==> flow/design.v <==
module sync_shift_top #(
  parameter WD = 12,
  parameter SEL_WIDTH = $clog2(WD)
) (
  input  wire i_clk,
  input  wire i_rst,
  input  wire [WD-1:0] i_in,
  input  wire [SEL_WIDTH-1:0] i_by,
  input  wire i_dir,
  output wire [WD-1:0] o_result
);
  reg [WD-1:0] in_reg;
  reg [SEL_WIDTH-1:0] by_reg;
  reg dir_reg;
  reg [WD-1:0] result_reg;
  assign o_result = result_reg;
  always @(posedge i_clk) begin
    if (i_rst) begin
      in_reg <= 0;
      by_reg <= 0;
      dir_reg <= 1'b0;
      result_reg <= 0;
    end else begin
      in_reg <= i_in;
      by_reg <= i_by;
      dir_reg <= i_dir;
      result_reg <= dir_reg ? in_reg << by_reg : in_reg >> by_reg;
    end
  end
endmodule
From RTL to reports: sync_shift_top

The steps from the RTL of sync_shift_top to its reports follow in flow order.
Lines are those of the file above, counted from 1.
Cell names lack the library's common part.
A cell with n/a has no value.

Top module: sync_shift_top
Clock input: i_clk
Cell library: sky130hd
Library corner: tt_025C_1v80

Word-level counts

Counts by Yosys on the flattened word-level netlist (proc, flatten, opt, wreduce; memories kept). Register bits leave out memories and registers merged into their read ports (data or address); mux counts leave out enables and synchronous resets folded into registers. Print and check cells are left out. Cells with the same type and inputs are merged into one.

Output and inout port bits: 12
Register bits after elaboration: 29
Cells after elaboration: 7
Input bits: 19

Multiplexer cells: 1
Shifts and indexed selects: 2

Operators with widths:

| operator                    | number |
| left shift 12 x 4 -> 12 bit | 1 |
| >> shifter 12 x 4 -> 12 bit | 1 |
| 2-to-1 mux 12 bit           | 1 |

Logic depth

Depth = most cells in a row (Yosys ltp): at word level without a register or memory, in the mapped netlist without a sequential cell, where the memories' decode and read muxes count.

Depth in word-level cells: 2
ABC_AREA: 0
Gate-level depth with buffers: 8
Depth with buffers taken out: 4

Synthesis result

Source: synth_stat.txt of the flow (Yosys; design flattened, memories mapped). It holds for the ABC_AREA given above (unset counts as 0); a run with the other value may have another netlist.
Totals and module areas in this step are rounded.

Mapped flip-flops: 29
Buffer cells: 17
Cell count: 189
Cell area after synthesis: 0.0017 mm^2
Sequential part of the area: 0.00058 mm^2

Cells by type:

| cell type | number | total area (um^2) |
| dfxtp_1   | 29     | 580.557 |
| mux2i_1   | 22     | 220.211 |
| mux4_2    | 6      | 135.13 |
| nor2b_1   | 20     | 125.12 |
| nand2b_1  | 9      | 56.304 |
| mux2_2    | 4      | 45.043 |
| nor2_1    | 10     | 37.536 |
| o21ai_0   | 7      | 35.034 |
| o22a_1    | 4      | 35.034 |
| o22ai_1   | 5      | 31.28 |
| a21oi_1   | 6      | 30.029 |
| buf_2     | 6      | 30.029 |
| clkbuf_1  | 8      | 30.029 |
| o311a_1   | 3      | 30.029 |
| o221ai_1  | 3      | 26.275 |
| nor3_1    | 5      | 25.024 |
| nand2_1   | 6      | 22.522 |
| or2_2     | 3      | 18.768 |

Not listed: further types 23, cells in them 33.

Worst setup path after synthesis

Path of least setup slack by OpenSTA after synthesis, without wires, with an ideal clock, recovery checks aside; 20% of the period is set as input and as output delay. Where synthesis merged equal registers, the netlist keeps one of their names.

Path kind: register -> register
From: reg by_reg[0]
To: reg result_reg[1]
Arrival: 1514 ps
Launch time at the first pin: 0 ps
Data required time: 1930 ps
Path delay: 1644 ps
Stages on the path: 7
Period: 2060 ps
Buffers on the path: 2
Library setup time: 130 ps
Setup slack: 416 ps
Synthesis period reached: 1644 ps

"path delay" = arrival - input delay + setup time.
"stages on the path" counts driving pins, that of a launching flip-flop among them; a cell with two outputs on the path counts twice.
"synthesis period reached" is the clock period less the worst setup slack; recovery checks do not enter. This is arithmetic on one report: input and output delays are still those of the set period (20% each).
The rows between start and end are the longest chain of elaborated cells between them; the timing report does not say that the signal goes this way. Where chains are equally long, one stands for them.
A line is the first line of the expression or statement that the cell stems from. Yosys adds cells for indexed reads and writes and turns some case tables into memories.

Cells stage by stage: dfxtp_1 > buf_2 > buf_2 > mux4_2 > nor3b_1 > a41oi_1 > o31ai_1
Length of the longest elaborated chain: 2
Elaborated cells between the ends (all ways): 3
Source lines of those cells: 1
Those cells by class: 2 x shift; 1 x mux

Ends and longest elaborated chain, post-synthesis:

| item                        | RTL line | RTL |
| start, declared             | 13       | `reg [SEL_WIDTH-1:0] by_reg;` |
| start, assigned             | 20       | `by_reg <= 0;` |
| start, assigned             | 25       | `by_reg <= i_by;` |
| >> shifter 12 x 4 -> 12 bit | 27       | `result_reg <= dir_reg ? in_reg << by_reg : in_reg >> by_reg;` |
| 2-to-1 mux 12 bit           | 27       |  |
| end, assigned               | 22       | `result_reg <= 0;` |
| end, assigned               | 27       |  |
| end, declared               | 15       | `reg [WD-1:0] result_reg;` |

Worst path after layout

Path of least setup slack in the final report of run 1 (OpenROAD, finished layout, wires in). Where an end is a register, its clock arrival counts in the times.
The report prints the path's times to 10 ps; the period is as set.

Path kind: register -> register
From: reg by_reg[1]
To: reg result_reg[11]
Launch time at the first pin: 270 ps
Data required time: 2240 ps
Setup slack: 310 ps
Arrival: 1930 ps
Library setup time: 90 ps
Buffers on the path: 1
Stages on the path: 6
Period: 2060 ps

The rows between start and end are the longest chain of elaborated cells between them; the timing report does not say that the signal goes this way. Where chains are equally long, one stands for them.

Cells stage by stage: dfxtp_1 > buf_12 > mux2i_1 > mux4_2 > and3_1 > nor4_1
Length of the longest elaborated chain: 2
Elaborated cells between the ends (all ways): 3
Source lines of those cells: 1
Those cells by class: 2 x shift; 1 x mux

Ends and longest elaborated chain, after layout:

| item                        | RTL line | RTL |
| start, declared             | 13       | `reg [SEL_WIDTH-1:0] by_reg;` |
| start, assigned             | 20       | `by_reg <= 0;` |
| start, assigned             | 25       | `by_reg <= i_by;` |
| >> shifter 12 x 4 -> 12 bit | 27       | `result_reg <= dir_reg ? in_reg << by_reg : in_reg >> by_reg;` |
| 2-to-1 mux 12 bit           | 27       |  |
| end, assigned               | 22       | `result_reg <= 0;` |
| end, assigned               | 27       |  |
| end, declared               | 15       | `reg [WD-1:0] result_reg;` |

Add stored flow runs of sync_shift_top

Measured data: module sync_shift_top, platform sky130hd, 3 stored runs of the flow under differing settings, order arbitrary. Input and output delays are each 20% of the period that was set; the output load is 0.01 pF.
"achieved clock period" = clock period - worst setup slack. The figure is calculated, with input and output delays left at 20% of the set period.
By "allowed time less slack (worst setup path)" is meant the share of the clock period that the worst setup path is allowed (20% is reserved at inputs, 20% at outputs), minus its slack. Clock arrival times at its registers enter into it.
"total power of the final layout" rests on the timing tool's default activity at the inputs, not on a simulated workload.
"allowed time less slack (worst setup path)" is known to 10 ps.
Measured values are rounded.
A setting shown as -- is not set for that run.
A result given as -- is not shown for that run.

| setting or result                               | run 1                | run 2 | run 3                |
| period_ns                                       | 2.06                 | 1.27  | 2.0                  |
| CAP_MARGIN                                      | 20                   | 20    | 25                   |
| CORE_MARGIN                                     | 2                    | 2     | 3                    |
| CORE_UTILIZATION                                | 40                   | 65    | 31                   |
| SLEW_MARGIN                                     | 20                   | 15    | 40                   |
| PLACE_DENSITY_LB_ADDON                          | --                   | 0.22  | 0.3                  |
| SETUP_SLACK_MARGIN                              | --                   | --    | 0.33                 |
| HOLD_SLACK_MARGIN                               | --                   | --    | 0.14                 |
| CORE_ASPECT_RATIO                               | --                   | --    | 0.52                 |
| CELL_PAD_IN_SITES_GLOBAL_PLACEMENT              | --                   | --    | 3                    |
| CELL_PAD_IN_SITES_DETAIL_PLACEMENT              | --                   | --    | 2                    |
| ABC_AREA                                        | --                   | --    | 0                    |
| GPL_TIMING_DRIVEN                               | --                   | --    | 1                    |
| overall die area (mm^2)                         | 0.0049               | --    | 0.0066               |
| smallest hold slack (ps)                        | 680                  | --    | 660                  |
| achieved clock period (ps)                      | 1747                 | --    | 1601                 |
| total power of the final layout (mW)            | 1.5                  | --    | 1.5                  |
| setup total negative slack (ps)                 | 0                    | --    | 0                    |
| allowed time less slack (worst setup path) (ps) | 1750                 | --    | 1600                 |
| class of the worst setup path                   | register -> register | --    | register -> register |
| utilization after layout (%)                    | 52                   | --    | 44                   |
| worst setup slack after layout (ps)             | 310                  | --    | 400                  |
| netlist area reported by Yosys (mm^2)           | 0.0017               | --    | 0.0017               |

Run 2: stopped before the end: clock tree synthesis reported DPL-0033
